==> flow/design.v <==
module gen_arith_v2 #(
  parameter DWIDTH = 40
) (
  input clk,
  input valid,
  input [DWIDTH-1:0] first,
  input [DWIDTH-1:0] second,
  input mode,
  output [DWIDTH-1:0] result
);
  reg [DWIDTH-1:0] first_r;
  reg [DWIDTH-1:0] second_r;
  reg mode_r;
  always @(posedge clk) begin
    if (valid) begin
      first_r <= first;
      second_r <= second;
      mode_r <= mode;
    end
  end
  reg [DWIDTH-1:0] t;
  always @* begin
    if (mode_r)
      t = first_r - second_r;
    else
      t = first_r + second_r;
  end
  assign result = t;
endmodule
From RTL to reports: gen_arith_v2 --
Tool output for the design above, in the order of the flow. Line numbers count from 1 in the design file above. Operators carry their Yosys type and port widths (W data, S select, Z words). Library cell names are shortened. The mark n/a stands for no value.
Inputs: top module gen_arith_v2, clock port clk, standard-cell library sky130hd, corner tt_025C_1v80

Elaborated design --
Source: Yosys, flattened and elaborated, memories not mapped. Widths are those after wreduce; folded enables and synchronous resets count as part of the registers. Registers that Yosys merges into a memory's read port (data or address) are not register bits. Print and check cells do not count. Equal cells are merged and count once.
Bit counts: flip-flop bits (word level) 81, bits of input ports 83
Operators by class: multiplexer cells 1, add/subtract/negate cells 2
Operator list (count):
- $add A40 B40 Y40 | 1
- $sub A40 B40 Y40 | 1
- $mux W40 | 1

Depth --
Depth = most cells in a row (Yosys ltp): at word level without a register or memory, in the mapped netlist without a sequential cell, where the memories' decode and read muxes count.
Depth: depth after elaboration 2, ABC_AREA 0, depth in mapped cells 18, gate-level depth less buffers 17

After synthesis --
The flow's flattened synthesis, as Yosys stat reports it; memories are mapped. The netlist is that of the ABC_AREA named above (0 if unset); the other value can give another one.
Cells by type:
- edfxtp_1 | count 81, area in all 2.43E+03 um2
- xnor2_1 | count 58, area in all 507.987 um2
- ha_1 | count 40, area in all 500.48 um2
- a21oi_1 | count 58, area in all 290.278 um2
- a21o_1 | count 28, area in all 210.202 um2
- nor2_1 | count 48, area in all 180.173 um2
- nand2_1 | count 35, area in all 131.376 um2
- xor2_1 | count 15, area in all 131.376 um2
- inv_1 | count 25, area in all 93.84 um2
- o21ai_0 | count 18, area in all 90.086 um2
- a31oi_1 | count 12, area in all 75.072 um2
- nor3_1 | count 12, area in all 60.058 um2
- clkbuf_1 | count 14, area in all 52.55 um2
- o211ai_1 | count 7, area in all 52.55 um2
- o21a_1 | count 7, area in all 52.55 um2
- nor4b_4 | count 2, area in all 47.546 um2
- a211oi_1 | count 6, area in all 45.043 um2
- nand4_1 | count 7, area in all 43.792 um2
Other cell types: 37; their cells: 71.
Synthesis totals: flip-flop cells 81, sequential area 0.0024323 mm2, chip area (Yosys) 0.0055891 mm2, buffers 16, cell count 544

Worst setup path after synthesis --
OpenSTA on the mapped netlist: ideal clock, no wires. The path of least setup slack (recovery checks aside). Input and output delay are each 20% of the period. Register names are those of the netlist, which keeps one name where synthesis merged equal registers.
Timing path post-synthesis: kind register to output, start point register second_r[3], end point output result[37], period 6.14 ns, required time 4.912 ns, slack 0.984 ns, external output delay 1.228 ns, path buffers 1, delay of the path 3.928 ns, arrival time 3.928 ns, driving pins on the path 17, period reached after synthesis 5.156 ns
"delay of the path" = arrival - input delay + setup time. A path that ends at an output port has no setup time. "driving pins on the path": output pins that drive a net of the path, with the launching flip-flop's if there is one; two outputs of one cell count as two. "period reached after synthesis" is the clock period less the worst setup slack; recovery checks do not enter. This is arithmetic on one report: input and output delays are still those of the set period (20% each). The rows between start and end are the longest chain of elaborated cells between them; the timing report does not say that the signal goes this way. Where chains are equally long, one stands for them. A line is the first line of the expression or statement that the cell stems from. Yosys adds cells for indexed reads and writes and turns some case tables into memories.
Between the ends, post-synthesis: cells stage by stage edfxtp_1 > or3_4 > nor4_1 > and2_1 > nor4b_4 > a21oi_1 > xnor2_1 > ha_1 > clkbuf_1 > a21oi_1 > o21ai_0 > a21o_1 > a211oi_1 > nor2_1 > a2111oi_0 > a211oi_1 > a31oi_1, length of the longest elaborated chain 2
RTL lines, path post-synthesis:
- from (decl) | line 12 | reg [DWIDTH-1:0] second_r;
- from (assign) | line 17 | second_r <= second;
- $add A40 B40 Y40 | line 26 | t = first_r + second_r;
- $mux W40 | line 23 | if (mode_r)
- to (decl) | line 9 | output [DWIDTH-1:0] result

Worst path after layout --
Path of least setup slack in the final report of job 1 (OpenROAD, finished layout, wires in). Where an end is a register, its clock arrival counts in the times.
Timing path after layout: kind register to output, start point register second_r[16], end point output result[32], slack 0.35 ns, path buffers 1, driving pins on the path 17, external output delay 1.64 ns, arrival time 6.20 ns, period 8.19 ns, required time 6.55 ns
The rows between start and end are the longest chain of elaborated cells between them; the timing report does not say that the signal goes this way. Where chains are equally long, one stands for them.
Between the ends, after layout: cells stage by stage edfxtp_1 > or4_4 > nor4_4 > nand2b_4 > inv_1 > a21oi_1 > xnor2_1 > ha_1 > a21oi_1 > o21bai_1 > a21o_1 > a21o_1 > a211oi_1 > nor2_1 > a311oi_1 > o311a_1 > clkdlybuf4s50_1, length of the longest elaborated chain 2
RTL lines, path after layout:
- from (decl) | line 12 | reg [DWIDTH-1:0] second_r;
- from (assign) | line 17 | second_r <= second;
- $add A40 B40 Y40 | line 26 | t = first_r + second_r;
- $mux W40 | line 23 | if (mode_r)
- to (decl) | line 9 | output [DWIDTH-1:0] result

Top module gen_arith_v2; platform sky130hd; tools Yosys and OpenROAD; 3 stored runs in no particular order. Input and output delays are each 20% of the period that was set; the output load is 0.01 pF.
"reached clock period": clock period set for the run, less the worst setup slack. It is reckoned from that one timing run; input and output delays stay at 20% of the period that was set.
"time used up by the worst setup path": the worst setup path's part of the clock period (all of it between registers, 20% less for each end at a port) less its slack. A launch clock that arrives late makes it longer, a capture clock that arrives late makes it shorter.
"total power after layout" is the tool's figure for a default switching activity; nothing was simulated.

[job 1] flow files
==> flow/run.sh <==
#!/bin/bash
# the make line also repeats the synthesis and layout settings of config.mk as NAME=value (left out here)
make -C /OpenROAD-flow-scripts/flow DESIGN_CONFIG=/design/flow/config.mk WORK_HOME=/design/flow/orfs CLKGATE_MAP_FILE= finish
==> flow/config.mk <==
export PLATFORM = sky130hd
export DESIGN_NAME = gen_arith_v2
export DESIGN_NICKNAME = gen_arith_v2
export VERILOG_FILES = /design/flow/design.v
export SDC_FILE = /design/flow/constraint.sdc
export NUM_CORES = 4
export LEC_CHECK = 0
export CAP_MARGIN = 10
export CELL_PAD_IN_SITES_DETAIL_PLACEMENT = 1
export CORE_MARGIN = 2
export CORE_UTILIZATION = 53
export GPL_TIMING_DRIVEN = 0
export PLACE_DENSITY_LB_ADDON = 0.25
export SETUP_SLACK_MARGIN = 1.03
export SLEW_MARGIN = 20
==> flow/constraint.sdc <==
create_clock -name core_clock -period 8.19 [get_ports {clk}]
set_input_delay 1.6380 -clock core_clock [delete_from_list [all_inputs] [get_ports {clk}]]
set_output_delay 1.6380 -clock core_clock [all_outputs]
set_load 0.01 [all_outputs]

[job 1] result: lowest setup slack 0.354 ns; time used up by the worst setup path 6.20 ns; worst path kind register to output; setup TNS 0.000 ns; reached clock period 7.836 ns; chip area in the Yosys report 0.0055891 mm2; standard-cell area after layout 0.0075059 mm2; total power after layout 1.928 mW; utilization of the finished layout 73.0 %; die area 0.0113828 mm2

[job 2] flow files
==> flow/run.sh <==
#!/bin/bash
# the make line also repeats the synthesis and layout settings of config.mk as NAME=value (left out here)
make -C /OpenROAD-flow-scripts/flow DESIGN_CONFIG=/design/flow/config.mk WORK_HOME=/design/flow/orfs CLKGATE_MAP_FILE= finish
==> flow/config.mk <==
export PLATFORM = sky130hd
export DESIGN_NAME = gen_arith_v2
export DESIGN_NICKNAME = gen_arith_v2
export VERILOG_FILES = /design/flow/design.v
export SDC_FILE = /design/flow/constraint.sdc
export NUM_CORES = 4
export LEC_CHECK = 0
export CAP_MARGIN = 20
export CELL_PAD_IN_SITES_DETAIL_PLACEMENT = 0
export CORE_ASPECT_RATIO = 0.74
export CORE_MARGIN = 2
export CORE_UTILIZATION = 51
export PLACE_DENSITY = 0.76
export SETUP_SLACK_MARGIN = -0.34
export SLEW_MARGIN = 35
export TNS_END_PERCENT = 70
==> flow/constraint.sdc <==
create_clock -name core_clock -period 4.24 [get_ports {clk}]
set_input_delay 0.8480 -clock core_clock [delete_from_list [all_inputs] [get_ports {clk}]]
set_output_delay 0.8480 -clock core_clock [all_outputs]
set_load 0.01 [all_outputs]

[job 2] result: lowest setup slack -1.631 ns; time used up by the worst setup path 5.02 ns; worst path kind register to output; setup TNS -30.534 ns; reached clock period 5.871 ns; chip area in the Yosys report 0.0055891 mm2; standard-cell area after layout 0.0101385 mm2; total power after layout 4.766 mW; utilization of the finished layout 96.3 %; die area 0.0118222 mm2

[job 3] flow files
==> flow/run.sh <==
#!/bin/bash
# the make line also repeats the synthesis and layout settings of config.mk as NAME=value (left out here)
make -C /OpenROAD-flow-scripts/flow DESIGN_CONFIG=/design/flow/config.mk WORK_HOME=/design/flow/orfs CLKGATE_MAP_FILE= finish
==> flow/config.mk <==
export PLATFORM = sky130hd
export DESIGN_NAME = gen_arith_v2
export DESIGN_NICKNAME = gen_arith_v2
export VERILOG_FILES = /design/flow/design.v
export SDC_FILE = /design/flow/constraint.sdc
export NUM_CORES = 4
export LEC_CHECK = 0
export CAP_MARGIN = 20
export CORE_MARGIN = 2
export CORE_UTILIZATION = 40
export SLEW_MARGIN = 20
==> flow/constraint.sdc <==
create_clock -name core_clock -period 6.14 [get_ports {clk}]
set_input_delay 1.2280 -clock core_clock [delete_from_list [all_inputs] [get_ports {clk}]]
set_output_delay 1.2280 -clock core_clock [all_outputs]
set_load 0.01 [all_outputs]

[job 3] result: lowest setup slack 0.132 ns; time used up by the worst setup path 4.78 ns; worst path kind register to output; setup TNS 0.000 ns; reached clock period 6.008 ns; chip area in the Yosys report 0.0055891 mm2; standard-cell area after layout 0.0075898 mm2; total power after layout 2.296 mW; utilization of the finished layout 55.1 %; die area 0.0149341 mm2
